==> flow/design.v <==
module ex_cmp #(
  parameter DATA_WIDTH = 40
) (
  input  logic core_clk,
  input  logic resetn,
  input  logic [DATA_WIDTH-1:0] src1,
  input  logic [DATA_WIDTH-1:0] src2,
  output logic greater,
  output logic less
);
  logic g;
  logic l;
  always_comb begin
    g = 1'b0;
    l = 1'b0;
    for (int t = DATA_WIDTH-1; t >= 0; t = t - 1) begin
      if (!g && !l) begin
        g = src1[t] & ~src2[t];
        l = ~src1[t] & src2[t];
      end
    end
  end
  logic greater_s;
  always_ff @(posedge core_clk or negedge resetn) begin
    if (~resetn) begin
      greater_s <= 1'b0;
    end else begin
      greater_s <= g;
    end
  end
  assign greater = greater_s;
  logic less_s;
  always_ff @(posedge core_clk or negedge resetn) begin
    if (~resetn) begin
      less_s <= 1'b0;
    end else begin
      less_s <= l;
    end
  end
  assign less = less_s;
endmodule
Memo
Re: synthesis data of ex_cmp

# Step by step through the tools: ex_cmp

Module ex_cmp in several versions that differ in "DATA_WIDTH"; each step lists the members.
The file above is the member DATA_WIDTH=40. Line numbers count from 1 in each member's own file.
Cell names lack the library's common part.
Not given: --

Top: ex_cmp
Clock: core_clk
Library: sky130hd
Timing corner: tt_025C_1v80

# Source of the members

New or changed lines of each further member against the RTL above, in its own file; lines it lacks are not shown.

Lines new or changed:

| DATA_WIDTH | line | RTL |
| 48         | 2    | `parameter DATA_WIDTH = 48` |
| 96         | 2    | `parameter DATA_WIDTH = 96` |
| 128        | 2    | `parameter DATA_WIDTH = 128` |

# After elaboration

Source: Yosys, flattened and elaborated, memories not mapped. Widths are those after wreduce; folded enables and synchronous resets count as part of the registers. Registers that Yosys merges into a memory's read port (data or address) are not register bits. Print and check cells do not count. Equal cells are merged and count once.

Bit counts:

| DATA_WIDTH | register bits after elaboration | input port bits | output and inout bits | elaborated cells |
| 40         | 2                               | 82              | 2                     | 357 |
| 48         | 2                               | 98              | 2                     | 429 |
| 96         | 2                               | 194             | 2                     | 861 |
| 128        | 2                               | 258             | 2                     | 1,149 |

Operators by class:

| DATA_WIDTH | mux-type cells | bitwise gates (word level) | reductions and logical operators |
| 40         | 78             | 160                        | 117 |
| 48         | 94             | 192                        | 141 |
| 96         | 190            | 384                        | 285 |
| 128        | 254            | 512                        | 381 |

Operators by type and width:

| DATA_WIDTH | kinds with counts |
| 40         | 80 x bitwise AND 1 bit; 80 x inverter 1 bit; 78 x logical NOT 1 bit; 78 x 2-to-1 mux 1 bit; 39 x logical AND 1 bit |
| 48         | 96 x bitwise AND 1 bit; 96 x inverter 1 bit; 94 x logical NOT 1 bit; 94 x 2-to-1 mux 1 bit; 47 x logical AND 1 bit |
| 96         | 192 x bitwise AND 1 bit; 192 x inverter 1 bit; 190 x logical NOT 1 bit; 190 x 2-to-1 mux 1 bit; 95 x logical AND 1 bit |
| 128        | 256 x bitwise AND 1 bit; 256 x inverter 1 bit; 254 x logical NOT 1 bit; 254 x 2-to-1 mux 1 bit; 127 x logical AND 1 bit |

# Longest topological paths

Yosys ltp: most cells in a row. Word level: on the elaborated netlist, between registers, memories and ports. Mapped: between sequential cells and ports; inverters and the memories' decode and read muxes count.

Depth:

| DATA_WIDTH | depth after elaboration | ABC_AREA | mapped depth | depth with buffers taken out |
| 40         | 119                     | 0        | 8            | 8 |
| 48         | 143                     | 0        | 9            | 9 |
| 96         | 287                     | 0        | 10           | 10 |
| 128        | 383                     | 0        | 10           | 10 |

# Synthesis result

Source: synth_stat.txt of the flow (Yosys; design flattened, memories mapped). It holds for the ABC_AREA given above (unset counts as 0); a run with the other value may have another netlist.

Cells by type:

| DATA_WIDTH | type and count |
| 40         | 25 x maj3_1; 23 x nand2b_1; 20 x nor2b_1; 24 x inv_1; 7 x maj3_2; 2 x dfrtp_1; 9 x o21ai_0; 11 x nand2_1; 6 x a21oi_1; 2 x ha_1; 5 x o21ai_1; 3 x o21bai_1; 4 x nand3_1; 2 x o211a_1; 4 x nor2_1; 2 x o211ai_1; 2 x o31ai_1; 1 x a21boi_2; (+14) |
| 48         | 36 x maj3_1; 21 x nor2b_1; 32 x inv_1; 18 x nand2b_1; 14 x a21oi_1; 6 x maj3_2; 12 x o21ai_0; 2 x dfrtp_1; 4 x a21o_1; 4 x o21bai_1; 7 x nand2_1; 2 x ha_1; 3 x o211ai_1; 2 x a21bo_2; 5 x nor2_1; 2 x a21boi_0; 1 x a221oi_2; 3 x nand3_1; (+21) |
| 96         | 74 x maj3_1; 29 x maj3_2; 46 x nor2b_1; 62 x inv_1; 36 x nand2b_1; 22 x a21oi_1; 17 x o21ai_0; 2 x dfrtp_1; 6 x a21o_1; 7 x o21ai_1; 4 x o221ai_1; 7 x nand2_1; 4 x and2_1; 2 x ha_1; 3 x a211oi_1; 3 x o21bai_1; 2 x a21bo_2; 1 x a2bb2o_4; (+36) |
| 128        | 106 x maj3_1; 65 x nor2b_1; 59 x nand2b_1; 73 x inv_1; 40 x a21oi_1; 11 x maj3_2; 23 x o21ai_0; 15 x o21ai_1; 7 x a21o_1; 2 x dfrtp_1; 6 x o21bai_1; 10 x nor2_1; 5 x o31ai_1; 4 x a221oi_1; 7 x nand2_1; 2 x ha_1; 3 x a211oi_1; 3 x a21boi_0; (+43) |

A list marked (+n) leaves out that many cells.

Synthesis totals:

| DATA_WIDTH | mapped cells | mapped area (um^2) | sequential area (um^2) | mapped flip-flops | buffers |
| 40         | 166          | 1,129.8            | 50.0                   | 2                 | 0 |
| 48         | 195          | 1,346.3            | 50.0                   | 2                 | 0 |
| 96         | 363          | 2,592.5            | 50.0                   | 2                 | 0 |
| 128        | 484          | 3,299.4            | 50.0                   | 2                 | 0 |

# Timing after synthesis

OpenSTA on the mapped netlist: ideal clock, no wires. The path of least setup slack (recovery checks aside). Input and output delay are each 20% of the period. Register names are those of the netlist, which keeps one name where synthesis merged equal registers.

Path post-synthesis:

| DATA_WIDTH | kind   | start point    | end point          | clock period (ns) | setup slack (ns) | stages on the path | delay of the path (ns) | synthesis period reached (ns) |
| 40         | in2reg | input src2[30] | register less_s    | 2.85              | 0.453            | 8                  | 1.827                  | 2.397 |
| 48         | in2reg | input src2[22] | register less_s    | 2.84              | 0.452            | 8                  | 1.820                  | 2.388 |
| 96         | in2reg | input src1[22] | register greater_s | 3.06              | 0.490            | 9                  | 1.958                  | 2.57 |
| 128        | in2reg | input src1[22] | register greater_s | 3.17              | 0.507            | 9                  | 2.029                  | 2.663 |

"delay of the path" is the arrival time less input delay plus setup time.
"stages on the path" counts driving pins, that of a launching flip-flop among them; a cell with two outputs on the path counts twice.
"synthesis period reached" is the clock period less the worst setup slack; recovery checks do not enter. This is arithmetic on one report: input and output delays are still those of the set period (20% each).
Between the ends stands the longest chain of elaborated cells between them, by number of cells; it is not shown to be the way that was timed. Of several equally long chains one is given.
Each line given opens the expression or statement behind the cell; cells for indexed reads and writes are added by Yosys, which also makes memories of some case tables.

On the way, post-synthesis, DATA_WIDTH=40:
Length of the longest elaborated chain: 93

Ends and longest elaborated chain, post-synthesis, DATA_WIDTH=40:

| element           | line | RTL |
| from (decl)       | 7    | `input  logic [DATA_WIDTH-1:0] src2,` |
| inverter 1 bit    | 18   | `g = src1[t] & ~src2[t];` |
| bitwise AND 1 bit | 18   |  |
| 2-to-1 mux 1 bit  | 17   | `if (!g && !l) begin` |
| logical NOT 1 bit | 17   |  |
| logical AND 1 bit | 17   |  |
| 2-to-1 mux 1 bit  | 17   |  |
| logical NOT 1 bit | 17   |  |
| [... 79 more ...] | --   |  |
| 2-to-1 mux 1 bit  | 17   |  |
| logical NOT 1 bit | 17   |  |
| logical AND 1 bit | 17   |  |
| 2-to-1 mux 1 bit  | 17   |  |
| logical NOT 1 bit | 17   |  |
| logical AND 1 bit | 17   |  |
| 2-to-1 mux 1 bit  | 17   |  |
| to (assign)       | 35   | `less_s <= 1'b0;` |
| to (assign)       | 37   | `less_s <= l;` |
| to (decl)         | 32   | `logic less_s;` |

On the way, post-synthesis, DATA_WIDTH=128:
Length of the longest elaborated chain: 69

Ends and longest elaborated chain, post-synthesis, DATA_WIDTH=128:

| element           | line | RTL |
| from (decl)       | 6    | `input  logic [DATA_WIDTH-1:0] src1,` |
| inverter 1 bit    | 19   | `l = ~src1[t] & src2[t];` |
| bitwise AND 1 bit | 19   |  |
| 2-to-1 mux 1 bit  | 17   | `if (!g && !l) begin` |
| logical NOT 1 bit | 17   |  |
| logical AND 1 bit | 17   |  |
| 2-to-1 mux 1 bit  | 17   |  |
| logical NOT 1 bit | 17   |  |
| [... 55 more ...] | --   |  |
| 2-to-1 mux 1 bit  | 17   |  |
| logical NOT 1 bit | 17   |  |
| logical AND 1 bit | 17   |  |
| 2-to-1 mux 1 bit  | 17   |  |
| logical NOT 1 bit | 17   |  |
| logical AND 1 bit | 17   |  |
| 2-to-1 mux 1 bit  | 17   |  |
| to (assign)       | 26   | `greater_s <= 1'b0;` |
| to (assign)       | 28   | `greater_s <= g;` |
| to (decl)         | 23   | `logic greater_s;` |

# Path in the finished layout

From the final timing report of each member's run: the path of least setup slack in the routed layout; clock arrival at registers is part of the times.

Path post-layout:

| DATA_WIDTH | kind   | start point    | end point          | clock period (ns) | setup slack (ns) | stages on the path | data arrival time (ns) | path buffers |
| 40         | in2reg | input src2[30] | register less_s    | 2.85              | 0.14             | 9                  | 2.82                   | 1 |
| 48         | in2reg | input src1[22] | register less_s    | 2.84              | 0.14             | 9                  | 2.82                   | 1 |
| 96         | in2reg | input src1[22] | register greater_s | 3.06              | 0.13             | 10                 | 3.03                   | 1 |
| 128        | in2reg | input src1[26] | register greater_s | 3.17              | 0.08             | 10                 | 3.16                   | 1 |

# Measured runs

Settings and results of one run of the flow (Yosys, OpenROAD) for each member follow. The constraints put input and output delay at 20% of the set period each and load the outputs with 0.01 pF.

CAP_MARGIN: 20
CORE_MARGIN: 2
CORE_UTILIZATION: 40
SLEW_MARGIN: 20

Settings that differ:

| DATA_WIDTH | period_ns |
| 40         | 2.85 |
| 48         | 2.84 |
| 96         | 3.06 |
| 128        | 3.17 |

Measured results:

| DATA_WIDTH | synthesis area (um^2) | overall die area (um^2) | utilization after routing | lowest setup slack (ns) | setup total negative slack (ns) | period reached (ns) |
| 40         | 1,129.8               | 3,265.6                 | 0.749                     | 0.135                   | 0.000                           | 2.715 |
| 48         | 1,346.3               | 3,845.9                 | 0.741                     | 0.135                   | 0.000                           | 2.705 |
| 96         | 2,592.5               | 7,141.1                 | 0.757                     | 0.131                   | 0.000                           | 2.929 |
| 128        | 3,299.4               | 8,990.8                 | 0.758                     | 0.084                   | 0.000                           | 3.086 |

"period reached" is the run's clock period less its worst setup slack. It is reckoned from that one timing run; input and output delays stay at 20% of the period that was set.
